==> flow/design.v <==
module sync_barrel_mod #(
  parameter integer BITS = 56,
  parameter integer SBITS = $clog2(BITS)
) (
  input logic sys_clk,
  input logic clr,
  input logic [BITS-1:0] ch,
  input logic [SBITS-1:0] sa,
  output logic [BITS-1:0] res
);
  logic [BITS-1:0] ch_r;
  logic [SBITS-1:0] sa_r;
  always_ff @(posedge sys_clk) begin
    if (clr) begin
      ch_r <= 0;
      sa_r <= 0;
      res <= 0;
    end else begin
      ch_r <= ch;
      sa_r <= sa;
      res <= ch_r >> sa_r;
    end
  end
endmodule
From RTL to reports: sync_barrel_mod. The steps from the RTL of sync_barrel_mod to its reports follow in flow order. Lines are those of the file above, counted from 1. Library cell names are shortened. A cell with -- has no value.

Top: sync_barrel_mod. Clock input: sys_clk. Standard-cell library: sky130hd. Corner: tt_025C_1v80.

Word level. Yosys after proc, flatten, opt, wreduce and memory -nomap, before mapping. Enables and synchronous resets that opt folds into registers are not counted as muxes. Memory bits, and registers merged into a memory's read port (data or address), are not among the register bits. Print and check cells are not counted. Equal cells are merged and count once.

Under output and inout port bits stands 56. Cells after elaboration: 4. Flip-flop bits (word level): 118. The figure for input bits is 64.

The figure for shifts and indexed selects is 1.

Operators with widths (number): 56-bit by 6-bit right shift with 56-bit output (1).

Longest topological paths. Longest topological path by Yosys (ltp), each cell counted once; first at word level (registers and memories cut), then after technology mapping (sequential cells cut; the memories' decode and read muxes count).

For depth in word-level cells the number is 1. For ABC_AREA the number is 0. The figure for depth in mapped cells is 10. The figure for depth with buffers taken out is 5.

Synthesis result. The flow's flattened synthesis, as Yosys stat reports it; memories are mapped. The netlist is that of the ABC_AREA named above (0 if unset); the other value can give another one.

Cell types: dfxtp_1 (number 118, area in all 2.36E+03 sq um); mux4_2 (number 69, area in all 1553.99 sq um); mux2i_1 (number 47, area in all 470.451 sq um); nor2b_1 (number 72, area in all 450.432 sq um); mux2_2 (number 37, area in all 416.65 sq um); mux4_1 (number 12, area in all 315.302 sq um); nand2_1 (number 49, area in all 183.926 sq um); nor2_1 (number 46, area in all 172.666 sq um); buf_2 (number 20, area in all 100.096 sq um); o22ai_1 (number 16, area in all 100.096 sq um); buf_6 (number 8, area in all 90.086 sq um); a21oi_1 (number 16, area in all 80.077 sq um); o221ai_1 (number 9, area in all 78.826 sq um); clkbuf_1 (number 19, area in all 71.318 sq um); clkbuf_8 (number 5, area in all 68.816 sq um); nor3_1 (number 13, area in all 65.062 sq um); nand2b_1 (number 10, area in all 62.56 sq um); o22a_1 (number 7, area in all 61.309 sq um).

Not listed: further types 39, cells in them 120.

For standard cells after synthesis the number is 693. Under sequential area stands 2362.3 sq um. The figure for flip-flop cells is 118. For synthesis area the number is 7578.5 sq um. The entry for buffer cells reads 64.

Timing after synthesis. Path of least setup slack by OpenSTA after synthesis, without wires, with an ideal clock, recovery checks aside; 20% of the period is set as input and as output delay. Where synthesis merged equal registers, the netlist keeps one of their names.

Path type: reg2reg. Start point: register sa_r[1]. End point: register res[9]. Under stages stands 7. Required time: 2.426 ns. Launch time at the first pin: 0.000 ns. The figure for arrival is 1.910 ns. For buffers on the path the number is 2. Setup time: 0.134 ns. The entry for setup slack reads 0.517 ns. For clock period the number is 2.56 ns. Under path delay stands 2.044 ns. Under synthesis period reached stands 2.043 ns.

"path delay" = arrival - input delay + setup time. "stages": output pins that drive a net of the path, with the launching flip-flop's if there is one; two outputs of one cell count as two. "synthesis period reached" = period - worst setup slack (recovery checks aside). The figure is calculated, with input and output delays left at 20% of the set period. Between the ends stands the longest chain of elaborated cells between them, by number of cells; it is not shown to be the way that was timed. Of several equally long chains one is given. Each line given opens the expression or statement behind the cell; cells for indexed reads and writes are added by Yosys, which also makes memories of some case tables.

Path through: dfxtp_1 > buf_6 > buf_6 > mux4_1 > mux4_1 > a22oi_1 > a21oi_1. Length of the longest elaborated chain: 1. Under elaborated cells between the ends (all ways) stands 1. For source lines of those cells the number is 1. Classes of those cells: shift (1).

Ends and longest elaborated chain, post-synthesis: start, declared (line 12) `logic [SBITS-1:0] sa_r;`; start, assigned (line 16) `sa_r <= 0;`; start, assigned (line 20) `sa_r <= sa;`; 56-bit by 6-bit right shift with 56-bit output (line 21) `res <= ch_r >> sa_r;`; end, assigned (line 17) `res <= 0;`; end, assigned (line 21); end, declared (line 9) `output logic [BITS-1:0] res`.

Timing after layout. From the final timing report of flow run B: the path of least setup slack in the routed layout; clock arrival at registers is part of the times.

Path type: reg2reg. Start point: register sa_r[2]. End point: register res[18]. For buffers on the path the number is 1. Under stages stands 7. The figure for arrival is 2.72 ns. Launch time at the first pin: 0.43 ns. For clock period the number is 2.56 ns. Setup time: 0.13 ns. The entry for setup slack reads 0.14 ns. Required time: 2.85 ns.

Between the ends stands the longest chain of elaborated cells between them, by number of cells; it is not shown to be the way that was timed. Of several equally long chains one is given.

Path through: dfxtp_4 > mux4_2 > mux2_2 > a222oi_1 > buf_4 > a2bb2oi_1 > o21ai_1. Length of the longest elaborated chain: 1. Under elaborated cells between the ends (all ways) stands 1. For source lines of those cells the number is 1. Classes of those cells: shift (1).

Ends and longest elaborated chain, after layout: start, declared (line 12) `logic [SBITS-1:0] sa_r;`; start, assigned (line 16) `sa_r <= 0;`; start, assigned (line 20) `sa_r <= sa;`; 56-bit by 6-bit right shift with 56-bit output (line 21) `res <= ch_r >> sa_r;`; end, assigned (line 17) `res <= 0;`; end, assigned (line 21); end, declared (line 9) `output logic [BITS-1:0] res`.

Subject: sync_barrel_mod on sky130hd, stored results

Hello all,

Flow measurements of sync_barrel_mod on sky130hd: 3 stored runs with different settings, listed in no order. Input and output delays are each 20% of the period that was set; the output load is 0.01 pF. By "period reached" is meant the clock period of the run minus its worst setup slack. This is arithmetic on one report: input and output delays are still those of the set period (20% each). "worst setup path time" means the part of the period allowed to the worst setup path (the constraints hold back 20% at inputs and 20% at outputs) less its slack; where the path has registers, the arrival times of their clocks count too. By "total power after layout" is meant OpenSTA's value without simulated activity: inputs other than the clock are taken to toggle once in ten clock periods, and the tool carries that through the logic.

Flow run A has these settings: period_ns 2.24; CORE_UTILIZATION 55; PLACE_DENSITY_LB_ADDON 0.18; CELL_PAD_IN_SITES_DETAIL_PLACEMENT 2; TNS_END_PERCENT 50; GPL_ROUTABILITY_DRIVEN 0; MIN_ROUTING_LAYER met1; MAX_ROUTING_LAYER met5; CAP_MARGIN 20; CORE_MARGIN 2; SLEW_MARGIN 20. Outcome: no final report: placement broke off with DPL-0033.

Flow run B has these settings: period_ns 2.56; CAP_MARGIN 20; CORE_MARGIN 2; CORE_UTILIZATION 40; SLEW_MARGIN 20. The area of the die stands at 20063.3 sq um. The total power after layout reads 5.945 mW. The period reached reads 2.424 ns. The worst hold slack in the final report stands at 0.561 ns. The smallest setup slack is 0.136 ns. The standard-cell area after layout is 9932.0 sq um. The mapped cell area after synthesis stands at 7578.5 sq um. The worst setup path time comes to 2.42 ns. Worst setup path kind: reg2reg.

Flow run C has these settings: period_ns 3.14; CORE_UTILIZATION 69; PLACE_DENSITY_LB_ADDON 0.1; CORE_ASPECT_RATIO 1.37; CELL_PAD_IN_SITES_GLOBAL_PLACEMENT 3; ABC_AREA 0; GPL_TIMING_DRIVEN 1; GPL_ROUTABILITY_DRIVEN 0; CAP_MARGIN 20; CORE_MARGIN 2; SLEW_MARGIN 20. Outcome: no final report: placement broke off with FLW-0024.

Thanks
